==> flow/design.v <==
module alu_mult #(
    parameter int XLEN = 32
) (
    input logic CLK,
    input logic RST,
    input logic [XLEN-1:0] i_dataa,
    output logic [2*XLEN-1:0] o_m
);
    logic [XLEN-1:0] dataa_q;
    always_ff @(posedge CLK) begin
        if (RST) begin
            dataa_q <= 0;
            o_m <= 0;
        end else begin
            dataa_q <= i_dataa;
            o_m <= dataa_q * dataa_q;
        end
    end
endmodule
* Step by step through the tools: alu_mult
The steps from the RTL of alu_mult to its reports follow in flow order.
Lines are those of the file above, counted from 1.
The mark -- stands for no value.
- Top :: alu_mult
- Clock :: CLK
- Library :: sky130hd
- Library corner :: tt_025C_1v80

* Word level
Counts by Yosys on the flattened word-level netlist (proc, flatten, opt, wreduce; memories kept). Register bits leave out memories and registers merged into their read ports (data or address); mux counts leave out enables and synchronous resets folded into registers. Print and check cells are left out. Cells with the same type and inputs are merged into one.
- Multiply operators :: 1
** Operator list (count)
- 32-bit by 32-bit multiplier with 64-bit output :: 1
- Bits in registers :: 96

* Longest topological paths
Depth = most cells in a row (Yosys ltp): at word level without a register or memory, in the mapped netlist without a sequential cell, where the memories' decode and read muxes count.
- Word-level depth :: 1
- ABC_AREA :: 0
- Mapped depth :: 29
- Mapped depth without buffers :: 26

* Mapped cells and area
The flow's flattened synthesis, as Yosys stat reports it; memories are mapped. The netlist is that of the ABC_AREA named above (0 if unset); the other value can give another one.
The area totals of this step are shown rounded.
- Mapped cells :: 3454
- Chip area (Yosys) :: 32000 µm²
- Flip-flop cells :: 95
** Cells by type
- sky130_fd_sc_hd__fa_1 :: count 792, area in all 1.59E+04 µm²
- sky130_fd_sc_hd__ha_1 :: count 299, area in all 3.74E+03 µm²
- sky130_fd_sc_hd__inv_1 :: count 978, area in all 3.67E+03 µm²
- sky130_fd_sc_hd__dfxtp_1 :: count 95, area in all 1.9E+03 µm²
- sky130_fd_sc_hd__and2_1 :: count 245, area in all 1532.72 µm²
- sky130_fd_sc_hd__nand2_1 :: count 297, area in all 1.11E+03 µm²
- sky130_fd_sc_hd__clkbuf_1 :: count 140, area in all 525.504 µm²
- sky130_fd_sc_hd__xnor2_1 :: count 51, area in all 446.678 µm²
- sky130_fd_sc_hd__a21oi_1 :: count 85, area in all 425.408 µm²
- sky130_fd_sc_hd__nor2_1 :: count 113, area in all 424.157 µm²
- sky130_fd_sc_hd__xor2_1 :: count 46, area in all 402.886 µm²
- sky130_fd_sc_hd__nor2b_1 :: count 46, area in all 287.776 µm²
- sky130_fd_sc_hd__a21o_1 :: count 31, area in all 232.723 µm²
- sky130_fd_sc_hd__o21ai_0 :: count 42, area in all 210.202 µm²
- sky130_fd_sc_hd__nand4_1 :: count 23, area in all 143.888 µm²
- sky130_fd_sc_hd__o21bai_1 :: count 18, area in all 135.13 µm²
- sky130_fd_sc_hd__a31o_2 :: count 13, area in all 113.859 µm²
- sky130_fd_sc_hd__nand3_1 :: count 17, area in all 85.082 µm²
Other cell types: 39; their cells: 123.

* Timing after synthesis
Source: OpenSTA report_checks on the synthesized netlist (no wires, ideal clock, input and output delay 20% of the period each), path of least setup slack; recovery checks are left aside. Register names are those of the netlist, which keeps one name where synthesis merged equal registers.
- Path kind :: flip-flop to flip-flop
- Start :: reg dataa_q[27]
- End :: reg o_m[56]
- Period :: 9.33 ns
- Library setup time :: 0.121 ns
- Time at the first pin :: 0.000 ns
- Arrival :: 7.345 ns
- Path slack :: 1.865 ns
- Path delay :: 7.466 ns
- Stages :: 28
- Buffers on the path :: 3
- Synthesis period reached :: 7.465 ns
"path delay" is the arrival time less input delay plus setup time.
"stages" counts driving pins, that of a launching flip-flop among them; a cell with two outputs on the path counts twice.
"synthesis period reached" is the clock period less the worst setup slack; recovery checks do not enter. This is arithmetic on one report: input and output delays are still those of the set period (20% each).
Between the ends stands the longest chain of elaborated cells between them, by number of cells; it is not shown to be the way that was timed. Of several equally long chains one is given.
Each line given opens the expression or statement behind the cell; cells for indexed reads and writes are added by Yosys, which also makes memories of some case tables.
- Cell sequence :: sky130_fd_sc_hd__dfxtp_1 sky130_fd_sc_hd__clkbuf_1 sky130_fd_sc_hd__clkbuf_1 sky130_fd_sc_hd__nand2_1 sky130_fd_sc_hd__fa_1 sky130_fd_sc_hd__inv_1 sky130_fd_sc_hd__fa_1 sky130_fd_sc_hd__fa_1 sky130_fd_sc_hd__inv_1 sky130_fd_sc_hd__fa_1 sky130_fd_sc_hd__inv_1 sky130_fd_sc_hd__fa_1 sky130_fd_sc_hd__fa_1 sky130_fd_sc_hd__fa_1 sky130_fd_sc_hd__inv_1 sky130_fd_sc_hd__fa_1 sky130_fd_sc_hd__inv_1 sky130_fd_sc_hd__ha_1 sky130_fd_sc_hd__clkbuf_1 sky130_fd_sc_hd__and4_1 sky130_fd_sc_hd__and2_1 sky130_fd_sc_hd__a22oi_1 sky130_fd_sc_hd__o211ai_1 sky130_fd_sc_hd__a21oi_1 sky130_fd_sc_hd__o21ai_1 sky130_fd_sc_hd__a21o_1 sky130_fd_sc_hd__a311oi_1 sky130_fd_sc_hd__mux2_2
- Length of the longest elaborated chain :: 1
** Ends and longest elaborated chain, after synthesis
- start: declaration :: line 9 : logic [XLEN-1:0] dataa_q;
- start: assignment :: line 12 : dataa_q <= 0;
- start: assignment :: line 15 : dataa_q <= i_dataa;
- 32-bit by 32-bit multiplier with 64-bit output :: line 16 : o_m <= dataa_q * dataa_q;
- end: assignment :: line 13 : o_m <= 0;
- end: assignment :: line 16
- end: declaration :: line 7 : output logic [2*XLEN-1:0] o_m

* Path in the finished layout
Path of least setup slack in the final report of job 2 (OpenROAD, finished layout, wires in). Where an end is a register, its clock arrival counts in the times.
- Path kind :: flip-flop to flip-flop
- Start :: reg dataa_q[11]
- End :: reg o_m[56]
- Period :: 9.33 ns
- Library setup time :: 0.10 ns
- Time at the first pin :: 0.41 ns
- Arrival :: 8.76 ns
- Path slack :: 0.87 ns
- Stages :: 26
- Buffers on the path :: 1
Between the ends stands the longest chain of elaborated cells between them, by number of cells; it is not shown to be the way that was timed. Of several equally long chains one is given.
- Cell sequence :: sky130_fd_sc_hd__dfxtp_1 sky130_fd_sc_hd__buf_4 sky130_fd_sc_hd__nand2_1 sky130_fd_sc_hd__inv_1 sky130_fd_sc_hd__fa_1 sky130_fd_sc_hd__fa_1 sky130_fd_sc_hd__fa_1 sky130_fd_sc_hd__inv_1 sky130_fd_sc_hd__fa_1 sky130_fd_sc_hd__inv_1 sky130_fd_sc_hd__fa_1 sky130_fd_sc_hd__fa_1 sky130_fd_sc_hd__fa_1 sky130_fd_sc_hd__inv_1 sky130_fd_sc_hd__fa_1 sky130_fd_sc_hd__inv_1 sky130_fd_sc_hd__ha_1 sky130_fd_sc_hd__and4_1 sky130_fd_sc_hd__and2_1 sky130_fd_sc_hd__a22oi_1 sky130_fd_sc_hd__o211ai_1 sky130_fd_sc_hd__a21oi_1 sky130_fd_sc_hd__o21ai_1 sky130_fd_sc_hd__a21o_1 sky130_fd_sc_hd__a311oi_1 sky130_fd_sc_hd__mux2_2
- Length of the longest elaborated chain :: 1
** Ends and longest elaborated chain, post-layout
- start: declaration :: line 9 : logic [XLEN-1:0] dataa_q;
- start: assignment :: line 12 : dataa_q <= 0;
- start: assignment :: line 15 : dataa_q <= i_dataa;
- 32-bit by 32-bit multiplier with 64-bit output :: line 16 : o_m <= dataa_q * dataa_q;
- end: assignment :: line 13 : o_m <= 0;
- end: assignment :: line 16
- end: declaration :: line 7 : output logic [2*XLEN-1:0] o_m

--- measured runs ---
Stored flow runs of alu_mult (3 of them; Yosys, OpenROAD, sky130hd). They differ in their settings and are not a sequence. Constraints: input delay and output delay 20% of the set period each, output load 0.01 pF.
"reached clock period" is the run's clock period less its worst setup slack. It is reckoned from that one timing run; input and output delays stay at 20% of the period that was set.
"time used up by the worst setup path" means the part of the period allowed to the worst setup path (the constraints hold back 20% at inputs and 20% at outputs) less its slack; where the path has registers, the arrival times of their clocks count too.
By "overall power" is meant OpenSTA's value without simulated activity: inputs other than the clock are taken to toggle once in ten clock periods, and the tool carries that through the logic.
Results are given in rounded form.

** Job 1
- Settings :: period_ns=6.51; CORE_UTILIZATION=63; SETUP_SLACK_MARGIN=1.7; HOLD_SLACK_MARGIN=-0.02; CORE_ASPECT_RATIO=0.55; CORE_MARGIN=6; CELL_PAD_IN_SITES_GLOBAL_PLACEMENT=0; TNS_END_PERCENT=5; ABC_AREA=0; GPL_TIMING_DRIVEN=1; CTS_CLUSTER_SIZE=32; CTS_CLUSTER_DIAMETER=284; CAP_MARGIN=40; MIN_ROUTING_LAYER=met2; SLEW_MARGIN=20
- Outcome :: incomplete, routing halted on GRT-0116

** Job 2
- Settings :: period_ns=9.33; CAP_MARGIN=20; CORE_MARGIN=2; CORE_UTILIZATION=40; SLEW_MARGIN=20
- Post-synthesis cell area :: 32,000 µm²
- Area inside the die boundary :: 83,000 µm²
- Area of the standard cells in the finished layout :: 35,000 µm²
- Post-layout utilization :: 44 %
- Lowest setup slack :: 0.87 ns
- Setup TNS :: 0.000 ns
- Lowest hold slack :: 0.95 ns
- Overall power :: 7.8 mW
- Reached clock period :: 8.455 ns
- Time used up by the worst setup path :: 8.46 ns
- Kind of the worst setup path :: flip-flop to flip-flop

** Job 3
- Settings :: period_ns=6.62; CORE_UTILIZATION=39; CORE_MARGIN=6; TNS_END_PERCENT=50; ABC_AREA=0; CTS_CLUSTER_DIAMETER=372; MIN_ROUTING_LAYER=met1; CAP_MARGIN=20; SLEW_MARGIN=20
- Post-synthesis cell area :: 32,000 µm²
- Area inside the die boundary :: 89,000 µm²
- Area of the standard cells in the finished layout :: 41,000 µm²
- Post-layout utilization :: 51 %
- Lowest setup slack :: -0.72 ns
- Setup TNS :: -20 ns
- Lowest hold slack :: 0.83 ns
- Overall power :: 17 mW
- Reached clock period :: 7.340 ns
- Time used up by the worst setup path :: 7.34 ns
- Kind of the worst setup path :: flip-flop to flip-flop
--- end ---
